==> flow/design.v <==
module u_muxn_blk #(
    parameter NBITS = 24,
    parameter NIN = 7,
    parameter SEL_W = $clog2(NIN)
) (
    input  CLK,
    input  rst_n,
    input  [NIN*NBITS-1:0] in,
    input  [SEL_W-1:0] idx,
    output reg [NBITS-1:0] y
);
    always @(posedge CLK or negedge rst_n) begin
        if (!rst_n) begin
            y <= 0;
        end else begin
            y <= in[idx*NBITS +: NBITS];
        end
    end
endmodule
# ---- Step by step through the tools: u_muxn_blk
# What the tools print for u_muxn_blk, step after step.
# Lines are those of the file above, counted from 1.
# Cell names lack the library's common part.
# The mark - stands for no value.
dict set report setup {
  top {u_muxn_blk}
  clock {CLK}
  lib {sky130hd}
  lib_corner {tt_025C_1v80}
}

# ---- Word level
# Counts by Yosys on the flattened word-level netlist (proc, flatten, opt, wreduce; memories kept). Register bits leave out memories and registers merged into their read ports (data or address); mux counts leave out enables and synchronous resets folded into registers. Print and check cells are left out. Cells with the same type and inputs are merged into one.
dict set report bits {
  regBits 24
  input_bits 173
  output_inout_bits 24
  elab_cells 3
}
dict set report classes {
  mul 1
  n_shift 1
}
# operator n
set ops {}
lappend ops {{indexed select 168 x 9 -> 24 bit} 1}
lappend ops {{multiplier 3 x 2 -> 5 bit (second input constant)} 1}

# ---- Longest topological paths
# Depth = most cells in a row (Yosys ltp): at word level without a register or memory, in the mapped netlist without a sequential cell, where the memories' decode and read muxes count.
dict set report logic_depth {
  word_depth 2
  abc_area 0
  mapped_depth 6
}

# ---- Netlist
# Yosys stat after the flow's synthesis: flattened, memories mapped to cells. It holds for the ABC_AREA given above (unset counts as 0); a run with the other value may have another netlist.
dict set report synth_totals {
  cell_count 216
  synth_area_um2 2132.0
  seq_area_um2 600.6
  ff_cells 24
  buffers 21
}
# cell_type n type_area_um2
set types {}
lappend types {mux2i_1 72 720.691}
lappend types {dfrtp_1 24 600.576}
lappend types {a22o_1 24 210.202}
lappend types {a31oi_1 24 150.144}
lappend types {or2_1 22 137.632}
lappend types {buf_12 5 100.096}
lappend types {nand2_1 24 90.086}
lappend types {buf_2 9 45.043}
lappend types {buf_6 3 33.782}
lappend types {clkbuf_1 4 15.014}
lappend types {nor2b_1 2 12.512}
lappend types {or2_2 2 12.512}
lappend types {nor2_1 1 3.754}

# ---- Timing after synthesis
# OpenSTA on the mapped netlist: ideal clock, no wires. The path of least setup slack (recovery checks aside). Input and output delay are each 20% of the period. Register names are those of the netlist, which keeps one name where synthesis merged equal registers.
dict set report synth_path {
  path_type {input port to flip-flop}
  startpoint {input port idx[2]}
  endpoint {register y[10]}
  tclk_ns 1.4
  in_delay_ns 0.280
  t_first_pin_ns 0.280
  arrival_time_ns 1.036
  required_ns 1.259
  setup_slack_ns 0.223
  path_delay_ns 0.897
  path_stages 5
  n_path_buf 2
  synth_period_reached_ns 1.177
}
# "path_delay_ns" = arrival - input delay + setup time.
# "path_stages": output pins that drive a net of the path, with the launching flip-flop's if there is one; two outputs of one cell count as two.
# "synth_period_reached_ns" = period - worst setup slack (recovery checks aside). The figure is calculated, with input and output delays left at 20% of the set period.
# Between the ends stands the longest chain of elaborated cells between them, by number of cells; it is not shown to be the way that was timed. Of several equally long chains one is given.
# Each line given opens the expression or statement behind the cell; cells for indexed reads and writes are added by Yosys, which also makes memories of some case tables.
dict set report synth_between {
  path_cell_list {buf_2 > nor2_1 > buf_2 > a22o_1 > a31oi_1}
  elab_chain_len 2
  cells_between 2
  cone_lines 1
  cone_classes {mul (1); shift (1)}
}
# element line_no
set synth_lines {}
lappend synth_lines {{start, declared} 9} ;# input  [SEL_W-1:0] idx,
lappend synth_lines {{multiplier 3 x 2 -> 5 bit} 16} ;# y <= in[idx*NBITS +: NBITS];
lappend synth_lines {{indexed select 168 x 9 -> 24 bit} 16}
lappend synth_lines {{end, assigned} 14} ;# y <= 0;
lappend synth_lines {{end, assigned} 16}
lappend synth_lines {{end, declared} 10} ;# output reg [NBITS-1:0] y

# ---- Worst path after layout
# Path of least setup slack in the final report of run 2 (OpenROAD, finished layout, wires in). Where an end is a register, its clock arrival counts in the times.
dict set report layout_path {
  path_type {flip-flop to output port}
  startpoint {register y[16]}
  endpoint {output port y[16]}
  tclk_ns 1.72
  t_first_pin_ns 0.30
  arrival_time_ns 1.24
  required_ns 1.38
  setup_slack_ns 0.14
  path_stages 2
  n_path_buf 1
}
dict set report layout_between {
  path_cell_list {dfrtp_1 > clkdlybuf4s50_1}
  elab_chain_len 0
  cells_between 0
  cone_lines 0
}
# element line_no
set layout_lines {}
lappend layout_lines {{start, declared} 10} ;# output reg [NBITS-1:0] y
lappend layout_lines {{start, assigned} 14} ;# y <= 0;
lappend layout_lines {{start, assigned} 16} ;# y <= in[idx*NBITS +: NBITS];
lappend layout_lines {{end, declared} 10}

; Record of 3 stored runs of the RTL-to-layout flow on u_muxn_blk, platform sky130hd. The runs are unordered. Constraints: input delay and output delay 20% of the set period each, output load 0.01 pF.
; "worstPathTime_ns": the worst setup path's part of the clock period (all of it between registers, 20% less for each end at a port) less its slack. A launch clock that arrives late makes it longer, a capture clock that arrives late makes it shorter.
; "power_mw" rests on the timing tool's default activity at the inputs, not on a simulated workload.

[run 1: settings]
period_ns = 1.0
CORE_UTILIZATION = 61
SETUP_SLACK_MARGIN = 0.26
PLACE_DENSITY_LB_ADDON = 0.13
HOLD_SLACK_MARGIN = 0.27
CORE_ASPECT_RATIO = 0.58
CELL_PAD_IN_SITES_DETAIL_PLACEMENT = 2
ABC_AREA = 0
CTS_CLUSTER_SIZE = 100
SLEW_MARGIN = 10
MIN_ROUTING_LAYER = met1
CAP_MARGIN = 20
CORE_MARGIN = 2
[run 1: results]
outcome = no final report: placement broke off with FLW-0024

[run 2: settings]
period_ns = 1.72
CORE_UTILIZATION = 26
PLACE_DENSITY = 0.78
HOLD_SLACK_MARGIN = 0.08
CELL_PAD_IN_SITES_DETAIL_PLACEMENT = 2
CTS_CLUSTER_SIZE = 69
CAP_MARGIN = 20
SLEW_MARGIN = 15
MIN_ROUTING_LAYER = met1
MAX_ROUTING_LAYER = met5
CORE_MARGIN = 2
[run 2: results]
power_mw = 2.206
finalCellArea_um2 = 4264.1
yosys.chip_area_um2 = 2132.0
worstPathTime_ns = 1.24
timing.worst_path_kind = flip-flop to output port
dieArea_um2 = 8940.6
setup_ws_ns = 0.135

[run 3: settings]
period_ns = 1.4
CAP_MARGIN = 20
CORE_MARGIN = 2
CORE_UTILIZATION = 40
SLEW_MARGIN = 20
[run 3: results]
power_mw = 2.524
worstPathTime_ns = 1.02
timing.worst_path_kind = input port to flip-flop
dieArea_um2 = 5929.8
yosys.chip_area_um2 = 2132.0
setup_ws_ns = 0.100
finalCellArea_um2 = 4177.8
